==> flow/design.v <==
module core_mux_stage #(
    parameter DATA_WIDTH = 10,
    parameter N = 3,
    parameter SEL_W = $clog2(N)
) (
    input  clk_i,
    input  nrst,
    input  [N*DATA_WIDTH-1:0] i_in,
    input  [SEL_W-1:0] i_pick,
    output reg [DATA_WIDTH-1:0] o_res
);
    wire [N-1:0] hot;
    assign hot = {{(N-1){1'b0}}, 1'b1} << i_pick;
    reg [DATA_WIDTH-1:0] nxt;
    integer i;
    always @(*) begin
        nxt = 0;
        for (i = 0; i < N; i = i + 1)
            nxt = nxt | (i_in[i*DATA_WIDTH +: DATA_WIDTH] & {DATA_WIDTH{hot[i]}});
    end
    always @(posedge clk_i or negedge nrst) begin
        if (~nrst) begin
            o_res <= 0;
        end else begin
            o_res <= nxt;
        end
    end
endmodule
Appendix: tool output

======== From RTL to reports: core_mux_stage ========
Module core_mux_stage in several versions that differ in "DATA_WIDTH"; each step lists the members.
The RTL above is that of DATA_WIDTH = 10; lines are counted from 1 in the file of the member named.
Operators carry their Yosys type and port widths (W data, S select, Z words).
Cell names lack the library's common part.
Not given: n/a
set-up
  design top .............................. core_mux_stage
  clock input ............................. clk_i
  standard-cell library ................... sky130hd
  library corner .......................... tt_025C_1v80

======== Members of the sweep ========
Lines of each other member's file that are new or changed against the file above; lines that a member lacks are not shown.
lines new or changed
  DATA_WIDTH  RTL line  RTL
  12          2         parameter DATA_WIDTH = 12,
  16          2         parameter DATA_WIDTH = 16,
  20          2         parameter DATA_WIDTH = 20,
  24          2         parameter DATA_WIDTH = 24,
  32          2         parameter DATA_WIDTH = 32,

======== After elaboration ========
Counts by Yosys on the flattened word-level netlist (proc, flatten, opt, wreduce; memories kept). Register bits leave out memories and registers merged into their read ports (data or address); mux counts leave out enables and synchronous resets folded into registers. Print and check cells are left out. Cells with the same type and inputs are merged into one.
cells by class
  DATA_WIDTH  shift-type cells  bitwise operators
  10          1                 5
  12          1                 5
  16          1                 5
  20          1                 5
  24          1                 5
  32          1                 5
operators by type and width
  DATA_WIDTH  kind and count
  10          $and A10 B10 Y10 (3); $or A10 B10 Y10 (2); $shl A1 B2 Y3 const A (1)
  12          $and A12 B12 Y12 (3); $or A12 B12 Y12 (2); $shl A1 B2 Y3 const A (1)
  16          $and A16 B16 Y16 (3); $or A16 B16 Y16 (2); $shl A1 B2 Y3 const A (1)
  20          $and A20 B20 Y20 (3); $or A20 B20 Y20 (2); $shl A1 B2 Y3 const A (1)
  24          $and A24 B24 Y24 (3); $or A24 B24 Y24 (2); $shl A1 B2 Y3 const A (1)
  32          $and A32 B32 Y32 (3); $or A32 B32 Y32 (2); $shl A1 B2 Y3 const A (1)
word-level totals
  DATA_WIDTH  input port bits  output and inout bits  register bits
  10          34               10                     10
  12          40               12                     12
  16          52               16                     16
  20          64               20                     20
  24          76               24                     24
  32          100              32                     32

======== Logic depth ========
Yosys ltp: most cells in a row. Word level: on the elaborated netlist, between registers, memories and ports. Mapped: between sequential cells and ports; inverters and the memories' decode and read muxes count.
depth
  DATA_WIDTH  word-level depth  ABC_AREA  depth in mapped cells
  10          4                 0         3
  12          4                 0         3
  16          4                 0         5
  20          4                 0         3
  24          4                 0         5
  32          4                 0         5

======== After synthesis ========
Source: synth_stat.txt of the flow (Yosys; design flattened, memories mapped). It holds for the ABC_AREA given above (unset counts as 0); a run with the other value may have another netlist.
mapped netlist
  DATA_WIDTH  synthesis area (mm²)  standard cells after synthesis  mapped flip-flops  sequential part of the area (mm²)
  10          0.0004642             34                              10                 0.0002502
  12          0.0005518             40                              12                 0.0003003
  16          0.000782              55                              16                 0.0004004
  20          0.0009221             67                              20                 0.0005005
  24          0.0012962             82                              24                 0.0006006
  32          0.0015878             109                             32                 0.0008008
cell types
  DATA_WIDTH  types with counts
  10          dfrtp_1 (10); mux2i_1 (10); o2bb2ai_1 (10); buf_6 (1); nor2b_1 (1); buf_2 (1); clkbuf_1 (1)
  12          dfrtp_1 (12); mux2i_1 (12); o2bb2ai_1 (12); buf_6 (1); nor2b_1 (1); buf_2 (1); clkbuf_1 (1)
  16          dfrtp_1 (16); mux2i_1 (16); o2bb2ai_1 (16); buf_6 (3); buf_8 (2); nor2b_4 (1); clkbuf_1 (1)
  20          dfrtp_1 (20); mux2i_1 (20); o2bb2ai_1 (20); buf_6 (2); buf_2 (2); clkbuf_1 (2); nor2b_1 (1)
  24          dfrtp_1 (24); o2bb2ai_2 (20); mux2i_1 (24); buf_6 (5); buf_12 (2); o2bb2ai_1 (4); nor2b_4 (1); buf_2 (2)
  32          dfrtp_1 (32); mux2i_1 (32); o2bb2ai_1 (22); o2bb2ai_2 (10); buf_6 (8); nor2b_4 (1); buf_4 (1); clkbuf_1 (2); buf_2 (1)

======== Path before layout ========
Path of least setup slack by OpenSTA after synthesis, without wires, with an ideal clock, recovery checks aside; 20% of the period is set as input and as output delay. Where synthesis merged equal registers, the netlist keeps one of their names.
timing path after synthesis
  DATA_WIDTH  path kind          start point           end point           path delay (ns)  setup slack (ns)  period (ns)  stages  synthesis period reached (ns)
  10          input -> register  input port i_pick[0]  register o_res[0]   0.513            0.129             0.802        3       0.673
  12          input -> register  input port i_pick[1]  register o_res[10]  0.563            0.141             0.88         3       0.739
  16          input -> register  input port i_pick[1]  register o_res[10]  0.698            0.175             1.09         5       0.915
  20          input -> register  input port i_pick[1]  register o_res[0]   0.516            0.129             0.806        3       0.677
  24          input -> register  input port i_pick[1]  register o_res[10]  0.703            0.176             1.1          5       0.924
  32          input -> register  input port i_pick[1]  register o_res[10]  0.727            0.185             1.14         5       0.955
"path delay" = arrival - input delay + setup time.
"stages" counts driving pins, that of a launching flip-flop among them; a cell with two outputs on the path counts twice.
"synthesis period reached" is the clock period less the worst setup slack; recovery checks do not enter. This is arithmetic on one report: input and output delays are still those of the set period (20% each).
The rows between start and end are the longest chain of elaborated cells between them; the timing report does not say that the signal goes this way. Where chains are equally long, one stands for them.
Each line given opens the expression or statement behind the cell; cells for indexed reads and writes are added by Yosys, which also makes memories of some case tables.
on the way, after synthesis, DATA_WIDTH = 10
  cells in the longest elaborated chain ... 4
ends and longest elaborated chain, after synthesis, DATA_WIDTH = 10
  what                          RTL line  RTL
  from (decl)                   9         input  [SEL_W-1:0] i_pick,
  $shl A1 B2 Y3                 13        assign hot = {{(N-1){1'b0}}, 1'b1} << i_pick;
  $and A10 B10 Y10              19        nxt = nxt | (i_in[i*DATA_WIDTH +: DATA_WIDTH] & {DATA_WIDTH{hot[i]}});
  $or A10 B10 Y10 (2 in a row)  19
  to (assign)                   23        o_res <= 0;
  to (assign)                   25        o_res <= nxt;
  to (decl)                     10        output reg [DATA_WIDTH-1:0] o_res
on the way, after synthesis, DATA_WIDTH = 32
  cells in the longest elaborated chain ... 4
ends and longest elaborated chain, after synthesis, DATA_WIDTH = 32
  what                          RTL line  RTL
  from (decl)                   9         input  [SEL_W-1:0] i_pick,
  $shl A1 B2 Y3                 13        assign hot = {{(N-1){1'b0}}, 1'b1} << i_pick;
  $and A32 B32 Y32              19        nxt = nxt | (i_in[i*DATA_WIDTH +: DATA_WIDTH] & {DATA_WIDTH{hot[i]}});
  $or A32 B32 Y32 (2 in a row)  19
  to (assign)                   23        o_res <= 0;
  to (assign)                   25        o_res <= nxt;
  to (decl)                     10        output reg [DATA_WIDTH-1:0] o_res

======== Path in the finished layout ========
Path of least setup slack in the final report of each member's run (OpenROAD, finished layout, wires in). Where an end is a register, its clock arrival counts in the times.
timing path post-layout
  DATA_WIDTH  path kind           start point         end point              stages  period (ns)  data arrival time (ns)  path buffers  setup slack (ns)
  10          register -> output  register o_res[4]   output port o_res[4]   2       0.802        0.80                    1             -0.16
  12          register -> output  register o_res[11]  output port o_res[11]  2       0.88         0.79                    1             -0.09
  16          register -> output  register o_res[14]  output port o_res[14]  2       1.09         0.82                    1             0.05
  20          register -> output  register o_res[18]  output port o_res[18]  2       0.806        0.83                    1             -0.18
  24          register -> output  register o_res[1]   output port o_res[1]   2       1.1          0.86                    1             0.02
  32          register -> output  register o_res[4]   output port o_res[4]   2       1.14         0.88                    1             0.03

======== Measured runs ========
Settings and results of one run of the flow (Yosys, OpenROAD) for each member follow. The constraints put input and output delay at 20% of the set period each and load the outputs with 0.01 pF.
flow settings
  CAP_MARGIN .............................. 20
  CORE_MARGIN ............................. 2
  CORE_UTILIZATION ........................ 40
  SLEW_MARGIN ............................. 20
settings that differ
  DATA_WIDTH  period_ns
  10          0.802
  12          0.88
  16          1.09
  20          0.806
  24          1.1
  32          1.14
final reports
  DATA_WIDTH  total die area (mm²)  power consumption (uW)  worst setup slack after layout (ns)  area of the standard cells in the finished layout (mm²)  Yosys chip area after synthesis (mm²)  total negative setup slack (ns)  utilization after layout (%)  clock period reached (ns)
  10          0.0014489             1430                    -0.160                               0.0009697                                                0.0004642                              -1.311                           88.5                          0.962
  12          0.0016925             1476                    -0.089                               0.0011361                                                0.0005518                              -0.804                           87.3                          0.969
  16          0.0023247             1473                    0.051                                0.0014489                                                0.000782                               0.000                            81.3                          1.039
  20          0.0027056             2418                    -0.181                               0.0017992                                                0.0009221                              -3.372                           82.1                          0.987
  24          0.0037119             2129                    0.021                                0.0023035                                                0.0012962                              0.000                            74.8                          1.079
  32          0.0044897             2986                    0.029                                0.0030116                                                0.0015878                              0.000                            80.4                          1.111
"clock period reached": clock period set for the run, less the worst setup slack. It is reckoned from that one timing run; input and output delays stay at 20% of the period that was set.
"power consumption": no workload was simulated; the value follows from the tool's default switching activity.
